==> flow/design.v <==
module sync_sh_core_n (ck, rstn, step, ch_in, sa_in, out_out);
  parameter DATA_WIDTH = 16;
  localparam SBITS = $clog2(DATA_WIDTH);
  input ck;
  input rstn;
  input step;
  input signed [DATA_WIDTH-1:0] ch_in;
  input [SBITS-1:0] sa_in;
  output reg [DATA_WIDTH-1:0] out_out;
  reg signed [DATA_WIDTH-1:0] r_ch;
  reg [SBITS-1:0] r_sa;
  always @(posedge ck) begin
    if (!rstn) begin
      r_ch <= 0;
      r_sa <= 0;
      out_out <= 0;
    end else if (step) begin
      r_ch <= ch_in;
      r_sa <= sa_in;
      out_out <= r_ch >>> r_sa;
    end
  end
endmodule
Reports on sync_sh_core_n
Tool output for the design above, in the order of the flow.
Lines are those of the file above, counted from 1.
Cell names lack the library's common part.
Not given: -
Design
  design top: sync_sh_core_n
  clock port: ck
  cell library: sky130hd
  library corner: tt_025C_1v80

Word-level counts
Source: Yosys, flattened and elaborated, memories not mapped. Widths are those after wreduce; folded enables and synchronous resets count as part of the registers. Registers that Yosys merges into a memory's read port (data or address) are not register bits. Print and check cells do not count. Equal cells are merged and count once.
Operators by class
  shift operators: 1
Operators with widths (number)
  >>> shifter 16 x 4 -> 16 bit: 1
Bit counts
  register bits after elaboration: 36
  input port bits: 23
  output and inout bits: 16
  word-level cells: 4

Longest topological paths
Depth = most cells in a row (Yosys ltp): at word level without a register or memory, in the mapped netlist without a sequential cell, where the memories' decode and read muxes count.
Logic depth
  word-level depth: 1
  ABC_AREA: 0
  mapped depth: 6
  depth with buffers taken out: 4

Mapped cells and area
Yosys stat after the flow's synthesis: flattened, memories mapped to cells. It holds for the ABC_AREA given above (unset counts as 0); a run with the other value may have another netlist.
Cells by type
  dfxtp_1: number 36, total area 720.691 sq um
  mux2i_1: number 28, total area 280.269 sq um
  mux4_2: number 7, total area 157.651 sq um
  nor2b_1: number 25, total area 156.4 sq um
  mux2_2: number 10, total area 112.608 sq um
  o21ai_0: number 12, total area 60.058 sq um
  clkbuf_1: number 12, total area 45.043 sq um
  nor2_1: number 9, total area 33.782 sq um
  mux2_4: number 2, total area 30.029 sq um
  nand2_1: number 8, total area 30.029 sq um
  a21oi_1: number 5, total area 25.024 sq um
  nand2b_1: number 4, total area 25.024 sq um
  nand3_1: number 5, total area 25.024 sq um
  a311o_1: number 2, total area 20.019 sq um
  nor3_1: number 4, total area 20.019 sq um
  nor4_1: number 3, total area 18.768 sq um
  o211ai_1: number 2, total area 15.014 sq um
  o21a_1: number 2, total area 15.014 sq um
Not listed: further types 19, cells in them 26.
Mapped netlist
  mapped cells: 202
  chip area (Yosys): 1970.6 sq um
  sequential area: 720.7 sq um
  flip-flop cells: 36
  buffer cells: 18

Timing after synthesis
OpenSTA on the mapped netlist: ideal clock, no wires. The path of least setup slack (recovery checks aside). Input and output delay are each 20% of the period. Register names are those of the netlist, which keeps one name where synthesis merged equal registers.
Timing path after synthesis
  path kind: flip-flop to flip-flop
  start point: register r_sa[1]
  end point: register out_out[4]
  period: 2.13 ns
  library setup time: 0.117 ns
  data arrival time: 1.586 ns
  slack: 0.427 ns
  delay of the path: 1.703 ns
  stages on the path: 6
  path buffers: 1
  synthesis period reached: 1.703 ns
"delay of the path" is the arrival time less input delay plus setup time.
"stages on the path": output pins that drive a net of the path, with the launching flip-flop's if there is one; two outputs of one cell count as two.
"synthesis period reached" = period - worst setup slack (recovery checks aside). The figure is calculated, with input and output delays left at 20% of the set period.
Between the ends stands the longest chain of elaborated cells between them, by number of cells; it is not shown to be the way that was timed. Of several equally long chains one is given.
Each line given opens the expression or statement behind the cell; cells for indexed reads and writes are added by Yosys, which also makes memories of some case tables.
Between the ends, after synthesis
  cell sequence: dfxtp_1 -> buf_6 -> mux2_4 -> mux2_2 -> mux4_2 -> a22o_1
  length of the longest elaborated chain: 1
Ends and longest elaborated chain, after synthesis
  start: declaration: line 11  | reg [SBITS-1:0] r_sa;
  start: assignment: line 15  | r_sa <= 0;
  start: assignment: line 19  | r_sa <= sa_in;
  >>> shifter 16 x 4 -> 16 bit: line 20  | out_out <= r_ch >>> r_sa;
  end: assignment: line 16  | out_out <= 0;
  end: assignment: line 20
  end: declaration: line 9  | output reg [DATA_WIDTH-1:0] out_out;

Worst path after layout
From the final timing report of run 1: the path of least setup slack in the routed layout; clock arrival at registers is part of the times.
Timing path after layout
  path kind: flip-flop to flip-flop
  start point: register r_sa[0]
  end point: register out_out[4]
  period: 2.13 ns
  library setup time: 0.10 ns
  data arrival time: 2.16 ns
  slack: 0.16 ns
  stages on the path: 5
  path buffers: 1
Between the ends stands the longest chain of elaborated cells between them, by number of cells; it is not shown to be the way that was timed. Of several equally long chains one is given.
Between the ends, after layout
  cell sequence: dfxtp_1 -> buf_4 -> mux2_2 -> mux4_2 -> a22o_1
  length of the longest elaborated chain: 1
Ends and longest elaborated chain, after layout
  start: declaration: line 11  | reg [SBITS-1:0] r_sa;
  start: assignment: line 15  | r_sa <= 0;
  start: assignment: line 19  | r_sa <= sa_in;
  >>> shifter 16 x 4 -> 16 bit: line 20  | out_out <= r_ch >>> r_sa;
  end: assignment: line 16  | out_out <= 0;
  end: assignment: line 20
  end: declaration: line 9  | output reg [DATA_WIDTH-1:0] out_out;

Hand-over note for sync_sh_core_n

Settings and measured results of 3 stored flow runs for module sync_sh_core_n (sky130hd), not sorted in any way. The constraints put input and output delay at 20% of the set period each and load the outputs with 0.01 pF.
By "finish__power__total" is meant OpenSTA's value without simulated activity: inputs other than the clock are taken to toggle once in ten clock periods, and the tool carries that through the logic.

settings of run 1
{
  "period_ns": 2.13,
  "CAP_MARGIN": 20,
  "CORE_MARGIN": 2,
  "CORE_UTILIZATION": 40,
  "SLEW_MARGIN": 20
}
report of run 1
yosys chip area after synthesis (um^2): 1970.6
finish__design__die__area: 5504.2
finish__design__instance__area__stdcell: 2491.1
finish__design__instance__utilization: 0.5274
finish__timing__setup__ws: 0.160
finish__timing__setup__tns: 0.000
finish__timing__hold__ws: 0.465
finish__power__total: 1.585e-03

settings of run 2
{
  "period_ns": 2.99,
  "CORE_UTILIZATION": 62,
  "SETUP_SLACK_MARGIN": -0.04,
  "CORE_ASPECT_RATIO": 1.77,
  "CELL_PAD_IN_SITES_GLOBAL_PLACEMENT": 2,
  "CELL_PAD_IN_SITES_DETAIL_PLACEMENT": 1,
  "TNS_END_PERCENT": 30,
  "ABC_AREA": 1,
  "CTS_CLUSTER_DIAMETER": 149,
  "SLEW_MARGIN": 20,
  "CAP_MARGIN": 20,
  "CORE_MARGIN": 2
}
report of run 2: did not finish, place, GPL-0301

settings of run 3
{
  "period_ns": 2.36,
  "CORE_UTILIZATION": 63,
  "SETUP_SLACK_MARGIN": 0.33,
  "PLACE_DENSITY": 0.62,
  "CORE_MARGIN": 5,
  "CELL_PAD_IN_SITES_DETAIL_PLACEMENT": 0,
  "GPL_TIMING_DRIVEN": 1,
  "CAP_MARGIN": 25,
  "SLEW_MARGIN": 20
}
report of run 3
yosys chip area after synthesis (um^2): 1970.6
finish__design__die__area: 4346.8
finish__design__instance__area__stdcell: 2498.7
finish__design__instance__utilization: 0.8252
finish__timing__setup__ws: 0.476
finish__timing__setup__tns: 0.000
finish__timing__hold__ws: 0.486
finish__power__total: 1.649e-03

End of note.
